==> flow/design.v <==
module alu_plus_stage #(
   parameter int DW = 112
) (
   input logic core_clk,
   input logic RSTN,
   input logic [DW-1:0] u,
   input logic [DW-1:0] v,
   input logic carry_in,
   output logic [DW-1:0] q,
   output logic ovf
);
   logic [DW-1:0] u_reg;
   logic [DW-1:0] v_reg;
   logic carry_in_reg;
   always_ff @(posedge core_clk) begin
      if (!RSTN) begin
         u_reg <= '0;
         v_reg <= '0;
         carry_in_reg <= 1'b0;
      end else begin
         u_reg <= u;
         v_reg <= v;
         carry_in_reg <= carry_in;
      end
   end
   localparam int NB = DW / 4;
   logic [DW-1:0] nxt;
   logic [NB:0] chain;
   assign chain[0] = carry_in_reg;
   for (genvar k = 0; k < NB; k++) begin : u_g
      alu_plus_stage_cla4 el (.a(u_reg[4*k +: 4]), .b(v_reg[4*k +: 4]), .ci(chain[k]), .s(nxt[4*k +: 4]), .co(chain[k+1]));
   end
   assign q = nxt;
   assign ovf = chain[NB];
endmodule
module alu_plus_stage_cla4 (
   input logic [3:0] a,
   input logic [3:0] b,
   input logic ci,
   output logic [3:0] s,
   output logic co
);
   wire [3:0] g = a & b;
   wire [3:0] p = a ^ b;
   wire c1 = g[0] | (p[0] & ci);
   wire c2 = g[1] | (p[1] & g[0]) | (p[1] & p[0] & ci);
   wire c3 = g[2] | (p[2] & g[1]) | (p[2] & p[1] & g[0]) | (p[2] & p[1] & p[0] & ci);
   assign co = g[3] | (p[3] & g[2]) | (p[3] & p[2] & g[1]) | (p[3] & p[2] & p[1] & g[0]) | (&p & ci);
   assign s = p ^ {c3, c2, c1, ci};
endmodule
==> Reports on alu_plus_stage <==
What the tools print for alu_plus_stage, step after step.
Line numbers count from 1 in the design file above.
Cell names lack the library's common part.
{ "setup": {"top": "alu_plus_stage", "clock": "core_clk", "library": "sky130hd", "corner": "tt_025C_1v80"} }

==> Elaborated design <==
Source: Yosys, flattened and elaborated, memories not mapped. Widths are those after wreduce; folded enables and synchronous resets count as part of the registers. Registers that Yosys merges into a memory's read port (data or address) are not register bits. Print and check cells do not count. Equal cells are merged and count once.
{ "bits": {"ram_bits": 0, "output_inout_bits": 113, "ff_bits": 225, "mem_bits_ro": 0, "inputBits": 227, "wordCells": 815, "clocked_rd_ports_x_width": 0, "latchBits": 0, "mem_count": 0} }
{ "classes": {"logic": 784, "shift": 0, "compare": 0, "multipliers": 0, "eq_ne": 0, "n_mux": 0, "addsub": 0, "n_reduce_logical": 28, "div_mod_pow": 0} }
{ "ops": {"columns": ["cell", "n"], "rows": [
  ["1-bit AND", 420],
  ["1-bit OR", 280],
  ["4-bit XOR", 56],
  ["4-bit AND", 28],
  ["4-bit AND reduction", 28]
]} }

==> Logic depth <==
Yosys ltp: most cells in a row. Word level: on the elaborated netlist, between registers, memories and ports. Mapped: between sequential cells and ports; inverters and the memories' decode and read muxes count.
{ "depth": {"word_depth": 61, "ABC_AREA": 0, "mapped_depth": 14, "ltp_nobuf": 13} }

==> Mapped cells and area <==
The flow's flattened synthesis, as Yosys stat reports it; memories are mapped. The netlist is that of the ABC_AREA named above (0 if unset); the other value can give another one.
{ "types": {"columns": ["type", "n", "area_total_um2"], "rows": [
  ["dfxtp_1", 225, 4504.32],
  ["and2_1", 226, 1.41E+03],
  ["ha_1", 112, 1.4E+03],
  ["fa_1", 28, 560.538],
  ["a21oi_1", 73, 365.35],
  ["xor2_1", 41, 359.094],
  ["xnor2_1", 28, 245.235],
  ["a21o_1", 29, 217.709],
  ["nand2_1", 50, 187.68],
  ["nor2_1", 35, 131.376],
  ["o21ai_0", 26, 130.125],
  ["nand4_1", 17, 106.352],
  ["inv_1", 28, 105.101],
  ["o21a_1", 13, 97.594],
  ["clkbuf_1", 25, 93.84],
  ["o21bai_1", 12, 90.086],
  ["nand3_1", 17, 85.082],
  ["nor3_1", 16, 80.077]
]} }
Other cell types: 49; their cells: 108.
{ "mapped": {"buffers": 26, "mapped_area_um2": 11080.6, "sequential_area_um2": 4504.3, "ff_cells": 225, "cell_count": 1109} }
By module: a second synthesis without flattening, with its own total; a netlist apart from the flattened one above.
{ "unflattened": {"cells_unflattened": 950, "hier_area_um2": 10236.1} }
Each row is one instance without its submodules.
{ "modules": {"columns": ["module", "n_inst", "area_um2", "seq_area_um2", "cells"], "rows": [
  ["alu_plus_stage", 1, 6102.1, 4504.3, 474],
  ["alu_plus_stage_cla4", 28, 147.6, 0.0, 17]
]} }

==> Timing after synthesis <==
Path of least setup slack by OpenSTA after synthesis, without wires, with an ideal clock, recovery checks aside; 20% of the period is set as input and as output delay. Where synthesis merged equal registers, the netlist keeps one of their names.
{ "synth_path": {"path_type": "register to output", "startpoint": "reg v_reg[0]", "endpoint": "out q[41]", "arrival_ns": 3.202, "path_stages": 13, "slack_ns": 0.798, "period_ns": 5.0, "path_buffers": 0, "launch_ns": 0.000, "delay_ns": 3.202, "out_delay_ns": 1.000, "required_time_ns": 4.000, "synth_period_reached_ns": 4.202} }
"delay_ns" = arrival - input delay + setup time.
At an output port there is no setup time.
"path_stages" counts driving pins, that of a launching flip-flop among them; a cell with two outputs on the path counts twice.
"synth_period_reached_ns" = period - worst setup slack (recovery checks aside). The figure is calculated, with input and output delays left at 20% of the set period.
Between the ends stands the longest chain of elaborated cells between them, by number of cells; it is not shown to be the way that was timed. Of several equally long chains one is given.
A line is the first line of the expression or statement that the cell stems from. Yosys adds cells for indexed reads and writes and turns some case tables into memories.
{ "synth_between": {"cell_sequence": "dfxtp_1 -> ha_1 -> a211oi_2 -> o21ai_1 -> o311a_1 -> o31a_1 -> or2_2 -> a221o_1 -> nand2_1 -> o221ai_1 -> a21o_1 -> fa_1 -> xor2_1", "elab_chain_len": 25, "cells_between": 28, "lines_between": 5, "classes_between": "logic: 27; reduce/logical: 1"} }
{ "synth_lines": {"columns": ["element", "line_no", "rtl"], "rows": [
  ["start: declaration", 13, "logic [DW-1:0] v_reg;"],
  ["start: assignment", 18, "v_reg <= '0;"],
  ["start: assignment", 22, "v_reg <= v;"],
  ["4-bit AND", 43, "wire [3:0] g = a & b;"],
  ["1-bit AND", 48, "assign co = g[3] | (p[3] & g[2]) | (p[3] & p[2] & g[1]) | (p[3] & p[2] & p[1] & g[0]) | (&p & ci);"],
  ["1-bit OR x2", 48, null],
  ["1-bit AND", 48, null],
  ["1-bit OR", 48, null],
  ["1-bit AND", 48, null],
  ["1-bit OR", 48, null],
  ["[... 10 more ...]", null, null],
  ["1-bit AND", 48, null],
  ["1-bit OR", 48, null],
  ["1-bit AND", 48, null],
  ["1-bit OR", 48, null],
  ["1-bit AND", 45, "wire c1 = g[0] | (p[0] & ci);"],
  ["1-bit OR", 45, null],
  ["4-bit XOR", 49, "assign s = p ^ {c3, c2, c1, ci};"],
  ["end: declaration", 9, "output logic [DW-1:0] q,"]
]} }

==> Path in the finished layout <==
From the final timing report of job 1: the path of least setup slack in the routed layout; clock arrival at registers is part of the times.
{ "layout_path": {"path_type": "register to output", "startpoint": "reg u_reg[12]", "endpoint": "out q[41]", "path_buffers": 2, "arrival_ns": 4.03, "path_stages": 15, "required_time_ns": 4.34, "slack_ns": 0.31, "out_delay_ns": 1.08, "launch_ns": 0.53, "period_ns": 5.42} }
Between the ends stands the longest chain of elaborated cells between them, by number of cells; it is not shown to be the way that was timed. Of several equally long chains one is given.
{ "layout_between": {"cell_sequence": "dfxtp_4 -> ha_4 -> nand4_1 -> buf_4 -> o22ai_4 -> a221o_1 -> o31a_1 -> or2_4 -> a221o_1 -> nand2_2 -> o221ai_4 -> a21o_1 -> fa_2 -> xor2_2 -> buf_2", "elab_chain_len": 19, "cells_between": 22, "lines_between": 5, "classes_between": "logic: 21; reduce/logical: 1"} }
{ "layout_lines": {"columns": ["element", "line_no", "rtl"], "rows": [
  ["start: declaration", 12, "logic [DW-1:0] u_reg;"],
  ["start: assignment", 17, "u_reg <= '0;"],
  ["start: assignment", 21, "u_reg <= u;"],
  ["4-bit AND", 43, "wire [3:0] g = a & b;"],
  ["1-bit AND", 48, "assign co = g[3] | (p[3] & g[2]) | (p[3] & p[2] & g[1]) | (p[3] & p[2] & p[1] & g[0]) | (&p & ci);"],
  ["1-bit OR x2", 48, null],
  ["1-bit AND", 48, null],
  ["1-bit OR", 48, null],
  ["1-bit AND", 48, null],
  ["1-bit OR", 48, null],
  ["[... 4 more ...]", null, null],
  ["1-bit AND", 48, null],
  ["1-bit OR", 48, null],
  ["1-bit AND", 48, null],
  ["1-bit OR", 48, null],
  ["1-bit AND", 45, "wire c1 = g[0] | (p[0] & ci);"],
  ["1-bit OR", 45, null],
  ["4-bit XOR", 49, "assign s = p ^ {c3, c2, c1, ci};"],
  ["end: declaration", 9, "output logic [DW-1:0] q,"]
]} }

Data sheet: physical implementation of alu_plus_stage

Measured results for alu_plus_stage: 3 stored runs of the Yosys and OpenROAD flow on sky130hd. The settings differ; the order carries no meaning. The constraints put input and output delay at 20% of the set period each and load the outputs with 0.01 pF.
"achieved clock period (ns)" means the clock period less the worst setup slack. The figure is calculated, with input and output delays left at 20% of the set period.
"finish__power__total" is the tool's figure for a default switching activity; nothing was simulated.

settings of job 1
{
  "period_ns": 5.42,
  "CORE_UTILIZATION": 41,
  "SETUP_SLACK_MARGIN": 0.73,
  "PLACE_DENSITY_LB_ADDON": 0.21,
  "CELL_PAD_IN_SITES_GLOBAL_PLACEMENT": 2,
  "CELL_PAD_IN_SITES_DETAIL_PLACEMENT": 1,
  "TNS_END_PERCENT": 65,
  "GPL_TIMING_DRIVEN": 1,
  "MAX_ROUTING_LAYER": "met5",
  "CAP_MARGIN": 20,
  "CORE_MARGIN": 2,
  "SLEW_MARGIN": 20
}
report of job 1
yosys chip area after synthesis (um^2): 11080.6
finish__design__die__area: 28356.9
finish__design__instance__area__stdcell: 17137.7
finish__timing__setup__ws: 0.305
finish__timing__setup__tns: 0.000
finish__power__total: 4.622e-03
achieved clock period (ns): 5.115

settings of job 2
{
  "period_ns": 5.0,
  "CAP_MARGIN": 20,
  "CORE_MARGIN": 2,
  "CORE_UTILIZATION": 40,
  "SLEW_MARGIN": 20
}
report of job 2
yosys chip area after synthesis (um^2): 11080.6
finish__design__die__area: 29048.1
finish__design__instance__area__stdcell: 16266.9
finish__timing__setup__ws: 0.074
finish__timing__setup__tns: 0.000
finish__power__total: 4.822e-03
achieved clock period (ns): 4.926

settings of job 3
{
  "period_ns": 3.63,
  "CORE_UTILIZATION": 69,
  "PLACE_DENSITY": 0.73,
  "CORE_ASPECT_RATIO": 1.14,
  "CELL_PAD_IN_SITES_GLOBAL_PLACEMENT": 0,
  "CELL_PAD_IN_SITES_DETAIL_PLACEMENT": 1,
  "TNS_END_PERCENT": 40,
  "GPL_TIMING_DRIVEN": 0,
  "CAP_MARGIN": 20,
  "CORE_MARGIN": 2,
  "SLEW_MARGIN": 20
}
report of job 3: did not finish, place, GPL-0301
